==> flow/design.v <==
module my_multiplier #(
   parameter W = 4,
   parameter G = 4
) (
   input ck,
   input i_rst,
   input [W-1:0] op_a,
   input [W-1:0] op_b,
   input start,
   output [2*W+G-1:0] res
);
   wire [2*W-1:0] r = op_a * op_b;
   reg [2*W+G-1:0] run_sum;
   assign res = run_sum;
   always @(posedge ck or posedge i_rst) begin
      if (i_rst) begin
         run_sum <= 0;
      end else begin
         run_sum <= start ? r : run_sum + r;
      end
   end
endmodule
**Step by step through the tools: my_multiplier**

The steps from the RTL of my_multiplier to its reports follow in flow order.
Line numbers count from 1 in the design file above.
Cell names lack the library's common part.
A cell with - has no value.

- Top module: my_multiplier
- Clock: ck
- Library: sky130hd
- Timing corner: tt_025C_1v80

**Word-level counts**

Source: Yosys, flattened and elaborated, memories not mapped. Widths are those after wreduce; folded enables and synchronous resets count as part of the registers. Registers that Yosys merges into a memory's read port (data or address) are not register bits. Print and check cells do not count. Equal cells are merged and count once.

- Register bits: 12
- Input bits: 11
- Output and inout bits: 12
- Word-level cells: 4

- Add/sub/neg operators: 1
- $mul: 1
- Multiplexer cells: 1

Operators with widths:

| cell | count |
|---|---|
| 4-bit by 4-bit multiplier with 8-bit output | 1 |
| 12-bit by 8-bit adder with 12-bit output | 1 |
| 12-bit two-way mux | 1 |

**Longest topological paths**

Yosys ltp: most cells in a row. Word level: on the elaborated netlist, between registers, memories and ports. Mapped: between sequential cells and ports; inverters and the memories' decode and read muxes count.

- Depth in word-level cells: 3
- ABC_AREA: 0
- Gate-level depth with buffers: 16

**Netlist**

Yosys stat after the flow's synthesis: flattened, memories mapped to cells. It holds for the ABC_AREA given above (unset counts as 0); a run with the other value may have another netlist.
The area totals of this step are shown rounded.

- Cell count: 135
- Mapped area: 1260 um^2
- Flip-flops: 12
- Buffers: 2

Cell types:

| cell type | count | total area (um^2) |
|---|---|---|
| dfrtp_1 | 12 | 300.288 |
| ha_1 | 22 | 275.264 |
| fa_1 | 5 | 100.096 |
| and2_1 | 14 | 87.584 |
| xnor2_1 | 9 | 78.826 |
| a21oi_1 | 10 | 50.048 |
| mux2_2 | 4 | 45.043 |
| nand2_1 | 10 | 37.536 |
| inv_1 | 9 | 33.782 |
| nor2_1 | 9 | 33.782 |
| o21ai_0 | 6 | 30.029 |
| a211oi_2 | 2 | 25.024 |
| mux2_1 | 2 | 22.522 |
| xor2_1 | 2 | 17.517 |
| a211oi_1 | 2 | 15.014 |
| a21o_1 | 2 | 15.014 |
| o21ai_1 | 3 | 15.014 |
| o21bai_1 | 2 | 15.014 |

Other cell types: 8; their cells: 10.

**Path before layout**

Path of least setup slack by OpenSTA after synthesis, without wires, with an ideal clock, recovery checks aside; 20% of the period is set as input and as output delay. Where synthesis merged equal registers, the netlist keeps one of their names.

- Path type: input -> register
- Start point: in op_a[0]
- End point: reg run_sum[11]
- Period: 5.26 ns
- External input delay: 1.052 ns
- Library setup time: 0.128 ns
- Time at the first pin: 1.052 ns
- Arrival time: 4.288 ns
- Path slack: 0.844 ns
- Path delay: 3.364 ns
- Driving pins on the path: 16
- Path buffers: 0
- Period reached after synthesis: 4.416 ns

"path delay" = arrival - input delay + setup time.
"driving pins on the path": output pins that drive a net of the path, with the launching flip-flop's if there is one; two outputs of one cell count as two.
"period reached after synthesis" is the clock period less the worst setup slack; recovery checks do not enter. This is arithmetic on one report: input and output delays are still those of the set period (20% each).
Between the ends stands the longest chain of elaborated cells between them, by number of cells; it is not shown to be the way that was timed. Of several equally long chains one is given.
A line is the first line of the expression or statement that the cell stems from. Yosys adds cells for indexed reads and writes and turns some case tables into memories.

- Cell sequence: nand2_1 > fa_1 > inv_1 > fa_1 > inv_1 > fa_1 > inv_1 > a21o_1 > a21oi_1 > xnor2_1 > ha_1 > nand2_1 > a211oi_2 > o21ai_1 > a21oi_1 > mux2_1
- Length of the longest elaborated chain: 3
- Elaborated cells on any way between the ends: 3
- RTL lines with such cells: 2
- Classes of those cells: add/sub: 1; mul: 1; mux: 1

RTL lines, path after synthesis:

| element | line | text |
|---|---|---|
| start, declared | 7 | `input [W-1:0] op_a,` |
| 4-bit by 4-bit multiplier with 8-bit output | 12 | `wire [2*W-1:0] r = op_a * op_b;` |
| 12-bit by 8-bit adder with 12-bit output | 19 | `run_sum <= start ? r : run_sum + r;` |
| 12-bit two-way mux | 19 |  |
| end, assigned | 17 | `run_sum <= 0;` |
| end, assigned | 19 |  |
| end, declared | 13 | `reg [2*W+G-1:0] run_sum;` |

**Path in the finished layout**

Path of least setup slack in the final report of run A (OpenROAD, finished layout, wires in). Where an end is a register, its clock arrival counts in the times.

- Path type: input -> register
- Start point: in op_a[0]
- End point: reg run_sum[11]
- Period: 5.26 ns
- External input delay: 1.05 ns
- Library setup time: 0.11 ns
- Time at the first pin: 1.05 ns
- Arrival time: 5.05 ns
- Path slack: 0.37 ns
- Driving pins on the path: 17
- Path buffers: 1

Between the ends stands the longest chain of elaborated cells between them, by number of cells; it is not shown to be the way that was timed. Of several equally long chains one is given.

- Cell sequence: clkdlybuf4s50_1 > nand2_1 > fa_1 > inv_1 > fa_1 > inv_1 > fa_1 > inv_1 > a21o_1 > a21oi_1 > xnor2_1 > ha_1 > nand2_1 > a211oi_2 > o21ai_1 > a21oi_1 > mux2_1
- Length of the longest elaborated chain: 3
- Elaborated cells on any way between the ends: 3
- RTL lines with such cells: 2
- Classes of those cells: add/sub: 1; mul: 1; mux: 1

RTL lines, path post-layout:

| element | line | text |
|---|---|---|
| start, declared | 7 | `input [W-1:0] op_a,` |
| 4-bit by 4-bit multiplier with 8-bit output | 12 | `wire [2*W-1:0] r = op_a * op_b;` |
| 12-bit by 8-bit adder with 12-bit output | 19 | `run_sum <= start ? r : run_sum + r;` |
| 12-bit two-way mux | 19 |  |
| end, assigned | 17 | `run_sum <= 0;` |
| end, assigned | 19 |  |
| end, declared | 13 | `reg [2*W+G-1:0] run_sum;` |

--- measured runs ---
Flow measurements of my_multiplier on sky130hd: 3 stored runs with different settings, listed in no order. Input and output delays are each 20% of the period that was set; the output load is 0.01 pF.
"achieved clock period" = clock period - worst setup slack. The figure is calculated, with input and output delays left at 20% of the set period.
"allowed time less slack (worst setup path)": the worst setup path's part of the clock period (all of it between registers, 20% less for each end at a port) less its slack. A launch clock that arrives late makes it longer, a capture clock that arrives late makes it shorter.
"total design power" rests on the timing tool's default activity at the inputs, not on a simulated workload.
Values from the reports are rounded here.

### Run A

==> flow/run.sh <==
#!/bin/bash
# the make line also repeats the synthesis and layout settings of config.mk as NAME=value (left out here)
make -C /OpenROAD-flow-scripts/flow DESIGN_CONFIG=/design/flow/config.mk WORK_HOME=/design/flow/orfs CLKGATE_MAP_FILE= finish
==> flow/config.mk <==
export PLATFORM = sky130hd
export DESIGN_NAME = my_multiplier
export DESIGN_NICKNAME = my_multiplier
export VERILOG_FILES = /design/flow/design.v
export SDC_FILE = /design/flow/constraint.sdc
export NUM_CORES = 4
export LEC_CHECK = 0
export CAP_MARGIN = 20
export CORE_MARGIN = 2
export CORE_UTILIZATION = 40
export SLEW_MARGIN = 20
==> flow/constraint.sdc <==
create_clock -name core_clock -period 5.26 [get_ports {ck}]
set_input_delay 1.0520 -clock core_clock [delete_from_list [all_inputs] [get_ports {ck}]]
set_output_delay 1.0520 -clock core_clock [all_outputs]
set_load 0.01 [all_outputs]

Results of run A:
- Chip area in the Yosys report: 1260 um^2
- Total die area: 3620 um^2
- Standard-cell area after routing: 1550 um^2
- Lowest setup slack: 0.366 ns
- Setup total negative slack: 0.000 ns
- Worst-case hold slack: 0.589 ns
- Total design power: 579 µW
- Achieved clock period: 4.894 ns
- Allowed time less slack (worst setup path): 3.84 ns
- Critical path kind: input -> register

### Run B

==> flow/run.sh <==
#!/bin/bash
# the make line also repeats the synthesis and layout settings of config.mk as NAME=value (left out here)
make -C /OpenROAD-flow-scripts/flow DESIGN_CONFIG=/design/flow/config.mk WORK_HOME=/design/flow/orfs CLKGATE_MAP_FILE= finish
==> flow/config.mk <==
export PLATFORM = sky130hd
export DESIGN_NAME = my_multiplier
export DESIGN_NICKNAME = my_multiplier
export VERILOG_FILES = /design/flow/design.v
export SDC_FILE = /design/flow/constraint.sdc
export NUM_CORES = 4
export LEC_CHECK = 0
export ABC_AREA = 0
export CAP_MARGIN = 20
export CELL_PAD_IN_SITES_DETAIL_PLACEMENT = 2
export CORE_ASPECT_RATIO = 1.19
export CORE_MARGIN = 2
export CORE_UTILIZATION = 67
export GPL_ROUTABILITY_DRIVEN = 0
export PLACE_DENSITY_LB_ADDON = 0.04
export SETUP_SLACK_MARGIN = 0.09
export SLEW_MARGIN = 15
==> flow/constraint.sdc <==
create_clock -name core_clock -period 3.31 [get_ports {ck}]
set_input_delay 0.6620 -clock core_clock [delete_from_list [all_inputs] [get_ports {ck}]]
set_output_delay 0.6620 -clock core_clock [all_outputs]
set_load 0.01 [all_outputs]

Outcome of run B: unfinished; error DPL-0033 in placement

### Run C

==> flow/run.sh <==
#!/bin/bash
# the make line also repeats the synthesis and layout settings of config.mk as NAME=value (left out here)
make -C /OpenROAD-flow-scripts/flow DESIGN_CONFIG=/design/flow/config.mk WORK_HOME=/design/flow/orfs CLKGATE_MAP_FILE= finish
==> flow/config.mk <==
export PLATFORM = sky130hd
export DESIGN_NAME = my_multiplier
export DESIGN_NICKNAME = my_multiplier
export VERILOG_FILES = /design/flow/design.v
export SDC_FILE = /design/flow/constraint.sdc
export NUM_CORES = 4
export LEC_CHECK = 0
export ABC_AREA = 0
export CAP_MARGIN = 20
export CELL_PAD_IN_SITES_GLOBAL_PLACEMENT = 2
export CORE_MARGIN = 2
export CORE_UTILIZATION = 46
export CTS_CLUSTER_SIZE = 17
export PLACE_DENSITY = 0.54
export SLEW_MARGIN = 0
==> flow/constraint.sdc <==
create_clock -name core_clock -period 4.87 [get_ports {ck}]
set_input_delay 0.9740 -clock core_clock [delete_from_list [all_inputs] [get_ports {ck}]]
set_output_delay 0.9740 -clock core_clock [all_outputs]
set_load 0.01 [all_outputs]

Results of run C:
- Chip area in the Yosys report: 1260 um^2
- Total die area: 3170 um^2
- Standard-cell area after routing: 1640 um^2
- Lowest setup slack: 0.193 ns
- Setup total negative slack: 0.000 ns
- Worst-case hold slack: 0.587 ns
- Total design power: 679 µW
- Achieved clock period: 4.677 ns
- Allowed time less slack (worst setup path): 3.70 ns
- Critical path kind: input -> register
--- end ---
